==> flow/design.v <==
module gen_mem_rtl (sys_clk, i_rst_n, i_wr_en, i_wa, i_d, i_rd_addr, o_dout);
    parameter ENTRIES = 48;
    parameter WD = 4;
    parameter NR = 1;
    parameter NUM_WR = 2;
    localparam AW = $clog2(ENTRIES);
    input sys_clk;
    input i_rst_n;
    input [NUM_WR-1:0] i_wr_en;
    input [NUM_WR*AW-1:0] i_wa;
    input [NUM_WR*WD-1:0] i_d;
    input [NR*AW-1:0] i_rd_addr;
    output [NR*WD-1:0] o_dout;
    reg [NUM_WR-1:0] r_wr_en;
    reg [NUM_WR*AW-1:0] r_wa;
    reg [NUM_WR*WD-1:0] r_d;
    always @(posedge sys_clk or negedge i_rst_n) begin
        if (!i_rst_n) begin
            r_wr_en <= 0;
            r_wa <= 0;
            r_d <= 0;
        end else begin
            r_wr_en <= i_wr_en;
            r_wa <= i_wa;
            r_d <= i_d;
        end
    end
    reg [WD-1:0] store [0:ENTRIES-1];
    integer i;
    always @(posedge sys_clk) begin
        for (i = 0; i < NUM_WR; i = i + 1)
            if (r_wr_en[i]) store[r_wa[i*AW +: AW]] <= r_d[i*WD +: WD];
    end
    reg [NR*AW-1:0] r_rd_addr;
    always @(posedge sys_clk or negedge i_rst_n) begin
        if (!i_rst_n) begin
            r_rd_addr <= 0;
        end else begin
            r_rd_addr <= i_rd_addr;
        end
    end
    wire [NR*WD-1:0] cur;
    genvar m;
    generate
        for (m = 0; m < NR; m = m + 1) begin : gen
            assign cur[m*WD +: WD] = store[r_rd_addr[m*AW +: AW]];
        end
    endgenerate
    assign o_dout = cur;
endmodule
### Reports on gen_mem_rtl

Tool output for the design above, in the order of the flow.
Lines are those of the file above, counted from 1.
Cell names lack the library's common part.
The mark - stands for no value.

* top: gen_mem_rtl
* clock: sys_clk
* standard-cell library: sky130hd
* library corner: tt_025C_1v80

### After elaboration

Yosys after proc, flatten, opt, wreduce and memory -nomap, before mapping. Enables and synchronous resets that opt folds into registers are not counted as muxes. Memory bits, and registers merged into a memory's read port (data or address), are not among the register bits. Print and check cells are not counted. Equal cells are merged and count once.
Yosys's memory passes give these memory sizes; they may raise the number of words (mostly to a power of two), join words into wider ones and drop unused or constant bits.

* mux-type cells: 6

Operators with widths (number)
* 2-to-1 mux 6 bit: 2
* 2-to-1 mux 4 bit: 2
* 2-to-1 mux 1 bit: 2

* cells after elaboration: 11
* memory bits (writable): 192
* input port bits: 30
* memories: 1
* flip-flop bits (word level): 28
* output and inout bits: 4

Memory list
* store: depth 48, width 4, rd ports 1, write ports 2, line 28 `reg [WD-1:0] store [0:ENTRIES-1];`

### Logic depth

Depth = most cells in a row (Yosys ltp): at word level without a register or memory, in the mapped netlist without a sequential cell, where the memories' decode and read muxes count.

* word-level depth: 1
* ABC_AREA: 0
* depth in mapped cells: 8
* mapped depth without buffers: 5

### Mapped cells and area

Yosys stat after the flow's synthesis: flattened, memories mapped to cells. It holds for the ABC_AREA given above (unset counts as 0); a run with the other value may have another netlist.
Totals and module areas in this step are rounded.

* mapped flip-flops: 220
* cells in the netlist: 777
* cell area after synthesis: 11300 µm²
* sequential part of the area: 6470 µm²
* buffer cells: 74

Cell types
* edfxtp_1: number 192, total area 5765.53 µm²
* mux2_2: number 188, total area 2117.03 µm²
* dfrtp_1: number 28, total area 700.672 µm²
* mux2i_1: number 64, total area 640.614 µm²
* mux4_2: number 14, total area 315.302 µm²
* clkbuf_1: number 58, total area 217.709 µm²
* o22ai_1: number 28, total area 175.168 µm²
* mux4_1: number 6, total area 157.651 µm²
* nand2_1: number 38, total area 142.637 µm²
* a22oi_1: number 16, total area 120.115 µm²
* o21ai_0: number 24, total area 120.115 µm²
* nor2_1: number 30, total area 112.608 µm²
* a221oi_1: number 8, total area 70.067 µm²
* a22o_1: number 8, total area 70.067 µm²
* buf_6: number 6, total area 67.565 µm²
* o41ai_2: number 4, total area 65.062 µm²
* mux2_1: number 4, total area 45.043 µm²
* a21oi_1: number 8, total area 40.038 µm²

Not listed: further types 19, cells in them 53.

### Path before layout

OpenSTA on the mapped netlist: ideal clock, no wires. The path of least setup slack (recovery checks aside). Input and output delay are each 20% of the period. Register names are those of the netlist, which keeps one name where synthesis merged equal registers.

* kind: register -> output
* start: reg r_rd_addr[1]
* end: out o_dout[0]
* arrival: 1.797 ns
* launch time at the first pin: 0.000 ns
* period: 2.81 ns
* required time: 2.248 ns
* driving pins on the path: 7
* path slack: 0.451 ns
* buffers on the path: 2
* output delay: 0.562 ns
* delay of the path: 1.797 ns
* period reached after synthesis: 2.359 ns

"delay of the path" is the arrival time less input delay plus setup time.
At an output port there is no setup time.
"driving pins on the path": output pins that drive a net of the path, with the launching flip-flop's if there is one; two outputs of one cell count as two.
"period reached after synthesis" = period - worst setup slack (recovery checks aside). The figure is calculated, with input and output delays left at 20% of the set period.
The rows between start and end are the longest chain of elaborated cells between them; the timing report does not say that the signal goes this way. Where chains are equally long, one stands for them.
Each line given opens the expression or statement behind the cell; cells for indexed reads and writes are added by Yosys, which also makes memories of some case tables.
A memory read counts as a cell of the chain, while the word-level depth stops at memories.

* cell sequence: dfrtp_1 -> buf_2 -> buf_1 -> mux4_2 -> mux4_2 -> nand2_1 -> o41ai_2
* length of the longest elaborated chain: 1
* elaborated cells on any way between the ends: 1
* RTL lines with such cells: 1
* those cells by class: 1 x memory

Ends and longest elaborated chain, after synthesis
* from (decl): line 34 `reg [NR*AW-1:0] r_rd_addr;`
* from (assign): line 37 `r_rd_addr <= 0;`
* from (assign): line 39 `r_rd_addr <= i_rd_addr;`
* memory (48 x 4 bit): line 28 `reg [WD-1:0] store [0:ENTRIES-1];`
* to (decl): line 13 `output [NR*WD-1:0] o_dout;`

### Timing after layout

From the final timing report of run 1: the path of least setup slack in the routed layout; clock arrival at registers is part of the times.

* kind: register -> output
* start: reg r_rd_addr[0]
* end: out o_dout[2]
* period: 2.84 ns
* driving pins on the path: 7
* path slack: -0.38 ns
* launch time at the first pin: 0.52 ns
* buffers on the path: 2
* output delay: 0.57 ns
* required time: 2.27 ns
* arrival: 2.65 ns

The rows between start and end are the longest chain of elaborated cells between them; the timing report does not say that the signal goes this way. Where chains are equally long, one stands for them.
A memory read counts as a cell of the chain, while the word-level depth stops at memories.

* cell sequence: dfrtp_4 -> buf_12 -> mux4_2 -> mux4_2 -> nand2_2 -> o41ai_2 -> buf_2
* length of the longest elaborated chain: 1
* elaborated cells on any way between the ends: 1
* RTL lines with such cells: 1
* those cells by class: 1 x memory

Ends and longest elaborated chain, after layout
* from (decl): line 34 `reg [NR*AW-1:0] r_rd_addr;`
* from (assign): line 37 `r_rd_addr <= 0;`
* from (assign): line 39 `r_rd_addr <= i_rd_addr;`
* memory (48 x 4 bit): line 28 `reg [WD-1:0] store [0:ENTRIES-1];`
* to (decl): line 13 `output [NR*WD-1:0] o_dout;`

Lab notebook: gen_mem_rtl

Design gen_mem_rtl on sky130hd. What follows are 3 stored runs of the flow, each under its own settings; their order means nothing. The constraints put input and output delay at 20% of the set period each and load the outputs with 0.01 pF.
"period reached" means the clock period less the worst setup slack. The figure is calculated, with input and output delays left at 20% of the set period.
"worst setup path time" means the part of the period allowed to the worst setup path (the constraints hold back 20% at inputs and 20% at outputs) less its slack; where the path has registers, the arrival times of their clocks count too.
Results are given in rounded form.

### Run 1

==> flow/run.sh <==
#!/bin/bash
# the make line also repeats the synthesis and layout settings of config.mk as NAME=value (left out here)
make -C /OpenROAD-flow-scripts/flow DESIGN_CONFIG=/design/flow/config.mk WORK_HOME=/design/flow/orfs CLKGATE_MAP_FILE= finish
==> flow/config.mk <==
export PLATFORM = sky130hd
export DESIGN_NAME = gen_mem_rtl
export DESIGN_NICKNAME = gen_mem_rtl
export VERILOG_FILES = /design/flow/design.v
export SDC_FILE = /design/flow/constraint.sdc
export NUM_CORES = 4
export LEC_CHECK = 0
export CAP_MARGIN = 40
export CELL_PAD_IN_SITES_DETAIL_PLACEMENT = 1
export CELL_PAD_IN_SITES_GLOBAL_PLACEMENT = 2
export CORE_ASPECT_RATIO = 1.02
export CORE_MARGIN = 3
export CORE_UTILIZATION = 46
export MAX_ROUTING_LAYER = met5
export PLACE_DENSITY_LB_ADDON = 0.12
export SETUP_SLACK_MARGIN = 0.48
export SLEW_MARGIN = 20
==> flow/constraint.sdc <==
create_clock -name core_clock -period 2.84 [get_ports {sys_clk}]
set_input_delay 0.5680 -clock core_clock [delete_from_list [all_inputs] [get_ports {sys_clk}]]
set_output_delay 0.5680 -clock core_clock [all_outputs]
set_load 0.01 [all_outputs]

Results of run 1:
- Total negative setup slack: -1.39 ns
- Synthesized cell area: 11300 µm²
- Smallest setup slack: -0.380 ns
- Period reached: 3.220 ns
- Post-layout utilization: 54.1%
- Full die area: 26500 µm²
- Worst setup path time: 2.65 ns
- Critical path type: register -> output

### Run 2

==> flow/run.sh <==
#!/bin/bash
# the make line also repeats the synthesis and layout settings of config.mk as NAME=value (left out here)
make -C /OpenROAD-flow-scripts/flow DESIGN_CONFIG=/design/flow/config.mk WORK_HOME=/design/flow/orfs CLKGATE_MAP_FILE= finish
==> flow/config.mk <==
export PLATFORM = sky130hd
export DESIGN_NAME = gen_mem_rtl
export DESIGN_NICKNAME = gen_mem_rtl
export VERILOG_FILES = /design/flow/design.v
export SDC_FILE = /design/flow/constraint.sdc
export NUM_CORES = 4
export LEC_CHECK = 0
export ABC_AREA = 0
export CAP_MARGIN = 20
export CELL_PAD_IN_SITES_DETAIL_PLACEMENT = 0
export CORE_MARGIN = 2
export CORE_UTILIZATION = 24
export PLACE_DENSITY_LB_ADDON = 0.04
export SETUP_SLACK_MARGIN = 0.94
export SLEW_MARGIN = 20
==> flow/constraint.sdc <==
create_clock -name core_clock -period 3.54 [get_ports {sys_clk}]
set_input_delay 0.7080 -clock core_clock [delete_from_list [all_inputs] [get_ports {sys_clk}]]
set_output_delay 0.7080 -clock core_clock [all_outputs]
set_load 0.01 [all_outputs]

Results of run 2:
- Post-layout utilization: 29.3%
- Synthesized cell area: 11300 µm²
- Smallest setup slack: -0.052 ns
- Period reached: 3.592 ns
- Full die area: 48900 µm²
- Total negative setup slack: -0.086 ns
- Worst setup path time: 2.88 ns
- Critical path type: register -> output

### Run 3

==> flow/run.sh <==
#!/bin/bash
# the make line also repeats the synthesis and layout settings of config.mk as NAME=value (left out here)
make -C /OpenROAD-flow-scripts/flow DESIGN_CONFIG=/design/flow/config.mk WORK_HOME=/design/flow/orfs CLKGATE_MAP_FILE= finish
==> flow/config.mk <==
export PLATFORM = sky130hd
export DESIGN_NAME = gen_mem_rtl
export DESIGN_NICKNAME = gen_mem_rtl
export VERILOG_FILES = /design/flow/design.v
export SDC_FILE = /design/flow/constraint.sdc
export NUM_CORES = 4
export LEC_CHECK = 0
export CAP_MARGIN = 20
export CORE_MARGIN = 2
export CORE_UTILIZATION = 40
export SLEW_MARGIN = 20
==> flow/constraint.sdc <==
create_clock -name core_clock -period 2.81 [get_ports {sys_clk}]
set_input_delay 0.5620 -clock core_clock [delete_from_list [all_inputs] [get_ports {sys_clk}]]
set_output_delay 0.5620 -clock core_clock [all_outputs]
set_load 0.01 [all_outputs]

Results of run 3:
- Smallest setup slack: -0.444 ns
- Full die area: 29600 µm²
- Post-layout utilization: 46.8%
- Worst setup path time: 2.69 ns
- Critical path type: register -> output
- Synthesized cell area: 11300 µm²
- Period reached: 3.254 ns
- Total negative setup slack: -1.72 ns
